==> flow/design.v <==
module reg_file_stage (sys_clk, rstn, wen, waddr, din, rsel, q);
    parameter integer D = 40;
    parameter integer DATA_W = 12;
    parameter integer NUM_RD = 2;
    localparam integer ADDR_W = $clog2(D);
    input sys_clk;
    input rstn;
    input wen;
    input [ADDR_W-1:0] waddr;
    input [DATA_W-1:0] din;
    input [NUM_RD*ADDR_W-1:0] rsel;
    output reg [NUM_RD*DATA_W-1:0] q;
    reg wen_s;
    reg [ADDR_W-1:0] waddr_s;
    reg [DATA_W-1:0] din_s;
    reg [D*DATA_W-1:0] rf;
    genvar i;
    generate
        for (i = 0; i < D; i = i + 1) begin : slice
            always @(posedge sys_clk)
                if (wen_s && waddr_s == i) rf[i*DATA_W +: DATA_W] <= din_s;
        end
    endgenerate
    reg [NUM_RD*ADDR_W-1:0] rsel_s;
    reg [NUM_RD*DATA_W-1:0] tmp;
    integer gj;
    integer idx;
    always @* begin
        tmp = 0;
        for (gj = 0; gj < NUM_RD; gj = gj + 1) begin
            for (idx = 0; idx < D; idx = idx + 1)
                tmp[gj*DATA_W +: DATA_W] = tmp[gj*DATA_W +: DATA_W] | (rf[idx*DATA_W +: DATA_W] & {DATA_W{rsel_s[gj*ADDR_W +: ADDR_W] == idx}});
        end
    end
    always @(posedge sys_clk or negedge rstn) begin
        if (!rstn) begin
            wen_s <= 1'b0;
            waddr_s <= 0;
            din_s <= 0;
            rsel_s <= 0;
            q <= 0;
        end else begin
            wen_s <= wen;
            waddr_s <= waddr;
            din_s <= din;
            rsel_s <= rsel;
            q <= tmp;
        end
    end
endmodule
### From RTL to reports: reg_file_stage

What the tools print for reg_file_stage, step after step.
Line numbers count from 1 in the design file above.
Library cell names are shortened.
A cell with -- has no value.

| inputs | value |
|---|---|
| top | reg_file_stage |
| clock | sys_clk |
| cell library | sky130hd |
| timing corner | tt_025C_1v80 |

### Elaborated design

Counts by Yosys on the flattened word-level netlist (proc, flatten, opt, wreduce; memories kept). Register bits leave out memories and registers merged into their read ports (data or address); mux counts leave out enables and synchronous resets folded into registers. Print and check cells are left out. Cells with the same type and inputs are merged into one.

| storage and ports | value |
|---|---|
| register bits after elaboration | 535 |
| input port bits | 33 |
| output and inout port bits | 24 |
| word-level cells | 363 |

| operators by class | value |
|---|---|
| eq/ne operators | 117 |
| bitwise logic cells | 158 |
| reduce/logical cells | 43 |

Operator list:

| operator | number |
|---|---|
| 12-bit AND | 80 |
| 12-bit bitwise OR | 78 |
| 6-bit by 5-bit equality test with 1-bit output with constant B | 48 |
| 6-bit by 4-bit equality test with 1-bit output with constant B | 24 |
| 6-bit equality test with constant B | 24 |
| 6-bit by 3-bit equality test with 1-bit output with constant B | 12 |
| 1-bit logical AND | 40 |
| 6-bit by 2-bit equality test with 1-bit output with constant B | 6 |
| 6-bit by 1-bit equality test with 1-bit output with constant B | 3 |
| 6-bit logical NOT | 3 |

### Depth

Depth = most cells in a row (Yosys ltp): at word level without a register or memory, in the mapped netlist without a sequential cell, where the memories' decode and read muxes count.

| logic depth | value |
|---|---|
| depth after elaboration | 41 |
| ABC_AREA | 0 |
| mapped depth | 9 |
| mapped depth without buffers | 5 |

### After synthesis

The flow's flattened synthesis, as Yosys stat reports it; memories are mapped. The netlist is that of the ABC_AREA named above (0 if unset); the other value can give another one.

| mapped netlist | value |
|---|---|
| mapped cells | 1715 |
| synthesis area | 23946.7 µm² |
| sequential part of the area | 15790.1 µm² |
| flip-flops | 535 |
| buffers | 118 |

Cell types:

| cell | number | area in all (µm²) |
|---|---|---|
| edfxtp_1 | 480 | 1.44E+04 |
| and3_1 | 224 | 1.4E+03 |
| dfrtp_1 | 55 | 1376.32 |
| a22oi_1 | 165 | 1.24E+03 |
| a2111oi_0 | 59 | 516.746 |
| a32oi_1 | 57 | 499.229 |
| mux2i_1 | 46 | 460.442 |
| nand4_1 | 71 | 444.176 |
| nor2_1 | 96 | 360.346 |
| clkbuf_1 | 58 | 217.709 |
| buf_6 | 18 | 202.694 |
| or4_1 | 25 | 187.68 |
| mux2_2 | 15 | 168.912 |
| a22o_1 | 18 | 157.651 |
| a221oi_1 | 17 | 148.893 |
| nand3_1 | 28 | 140.134 |
| nor3_1 | 28 | 140.134 |
| nor4_1 | 21 | 131.376 |

Not listed: further types 50, cells in them 234.

### Worst setup path after synthesis

OpenSTA on the mapped netlist: ideal clock, no wires. The path of least setup slack (recovery checks aside). Input and output delay are each 20% of the period. Register names are those of the netlist, which keeps one name where synthesis merged equal registers.

| timing post-synthesis | value |
|---|---|
| kind | flip-flop to flip-flop |
| start | register waddr_s[5] |
| end | register rf[100] |
| period | 3490 ps |
| setup time | 396 ps |
| time at the first pin | 0 ps |
| arrival time | 2394 ps |
| required time | 3094 ps |
| slack | 700 ps |
| path delay | 2790 ps |
| stages on the path | 5 |
| buffers on the path | 1 |
| synthesis period reached | 2790 ps |

"path delay" = arrival - input delay + setup time.
"stages on the path" counts driving pins, that of a launching flip-flop among them; a cell with two outputs on the path counts twice.
"synthesis period reached" = period - worst setup slack (recovery checks aside). The figure is calculated, with input and output delays left at 20% of the set period.
Between the ends stands the longest chain of elaborated cells between them, by number of cells; it is not shown to be the way that was timed. Of several equally long chains one is given.
A line is the first line of the expression or statement that the cell stems from. Yosys adds cells for indexed reads and writes and turns some case tables into memories.

| on the way, post-synthesis | value |
|---|---|
| path through | dfrtp_1 or3b_2 clkbuf_1 or3b_2 nor3_1 |
| cells in the longest elaborated chain | 2 |
| elaborated cells between the ends (all ways) | 2 |
| source lines of those cells | 1 |
| classes of those cells | 1 x eq/ne; 1 x reduce/logical |

RTL lines, path post-synthesis:

| item | line | text |
|---|---|---|
| start: declaration | 14 | `reg [ADDR_W-1:0] waddr_s;` |
| start: assignment | 38 | `waddr_s <= 0;` |
| start: assignment | 44 | `waddr_s <= waddr;` |
| 6-bit by 4-bit equality test with 1-bit output | 21 | `if (wen_s && waddr_s == i) rf[i*DATA_W +: DATA_W] <= din_s;` |
| 1-bit logical AND | 21 |  |
| end: assignment | 21 |  |
| end: declaration | 16 | `reg [D*DATA_W-1:0] rf;` |

### Timing after layout

Path of least setup slack in the final report of job 1 (OpenROAD, finished layout, wires in). Where an end is a register, its clock arrival counts in the times.
The report prints the path's times to 10 ps; the period is as set.

| timing after layout | value |
|---|---|
| kind | flip-flop to flip-flop |
| start | register rsel_s[4] |
| end | register q[6] |
| period | 5370 ps |
| setup time | 120 ps |
| time at the first pin | 650 ps |
| arrival time | 4570 ps |
| required time | 5880 ps |
| slack | 1320 ps |
| stages on the path | 8 |
| buffers on the path | 2 |

Between the ends stands the longest chain of elaborated cells between them, by number of cells; it is not shown to be the way that was timed. Of several equally long chains one is given.

| on the way, after layout | value |
|---|---|
| path through | dfrtp_1 buf_4 nand2b_1 nor3_2 buf_4 a2111oi_0 nand4_1 or4_1 |
| cells in the longest elaborated chain | 41 |
| elaborated cells between the ends (all ways) | 119 |
| source lines of those cells | 1 |
| classes of those cells | 39 x eq/ne; 79 x logic; 1 x reduce/logical |

RTL lines, path after layout:

| item | line | text |
|---|---|---|
| start: declaration | 24 | `reg [NUM_RD*ADDR_W-1:0] rsel_s;` |
| start: assignment | 40 | `rsel_s <= 0;` |
| start: assignment | 46 | `rsel_s <= rsel;` |
| 6-bit logical NOT | 32 | `tmp[gj*DATA_W +: DATA_W] = tmp[gj*DATA_W +: DATA_W] \| (rf[idx*DATA_W +: DATA_W] & {DATA_W{rsel_s[gj*ADDR_W +: ...` |
| 12-bit AND | 32 |  |
| 12-bit bitwise OR x39 | 32 |  |
| end: assignment | 41 | `q <= 0;` |
| end: assignment | 47 | `q <= tmp;` |
| end: declaration | 12 | `output reg [NUM_RD*DATA_W-1:0] q;` |

Wiki page: reg_file_stage / flow data

Design reg_file_stage on sky130hd. What follows are 3 stored runs of the flow, each under its own settings; their order means nothing. The constraints put input and output delay at 20% of the set period each and load the outputs with 0.01 pF.
"clock period reached" = clock period - worst setup slack. The figure is calculated, with input and output delays left at 20% of the set period.
"worst setup path time": the worst setup path's part of the clock period (all of it between registers, 20% less for each end at a port) less its slack. A launch clock that arrives late makes it longer, a capture clock that arrives late makes it shorter.
By "power" is meant OpenSTA's value without simulated activity: inputs other than the clock are taken to toggle once in ten clock periods, and the tool carries that through the logic.
"worst setup path time" is known to 10 ps.
Among the settings, . means not set for that run.

| setting or result | job 1 | job 2 | job 3 |
|---|---|---|---|
| period_ns | 5.37 | 2.16 | 3.49 |
| CORE_UTILIZATION | 16 | 27 | 40 |
| PLACE_DENSITY | 0.45 | . | . |
| HOLD_SLACK_MARGIN | 0.1 | . | . |
| TNS_END_PERCENT | 60 | 45 | . |
| GPL_ROUTABILITY_DRIVEN | 0 | . | . |
| MIN_ROUTING_LAYER | met1 | . | . |
| CAP_MARGIN | 20 | 35 | 20 |
| CORE_MARGIN | 2 | 8 | 2 |
| SLEW_MARGIN | 20 | 40 | 20 |
| PLACE_DENSITY_LB_ADDON | . | 0.29 | . |
| ABC_AREA | . | 0 | . |
| GPL_TIMING_DRIVEN | . | 0 | . |
| CTS_CLUSTER_DIAMETER | . | 387 | . |
| clock period reached (ps) | 4055 | 2661 | 3325 |
| power (mW) | 9.389 | 26.018 | 15.078 |
| synthesized cell area (µm²) | 23946.7 | 23946.7 | 23946.7 |
| standard-cell area after layout (µm²) | 29538.3 | 36817.8 | 29592.1 |
| total negative slack on setup checks (ps) | 0 | -8952 | 0 |
| post-layout utilization | 0.199 | 0.418 | 0.5 |
| worst setup path time (ps) | 4050 | 2660 | 3320 |
| kind of the worst setup path | flip-flop to flip-flop | flip-flop to flip-flop | flip-flop to flip-flop |
| worst setup slack after layout (ps) | 1315 | -501 | 165 |
| die footprint (µm²) | 152779.0 | 98476.7 | 61839.3 |
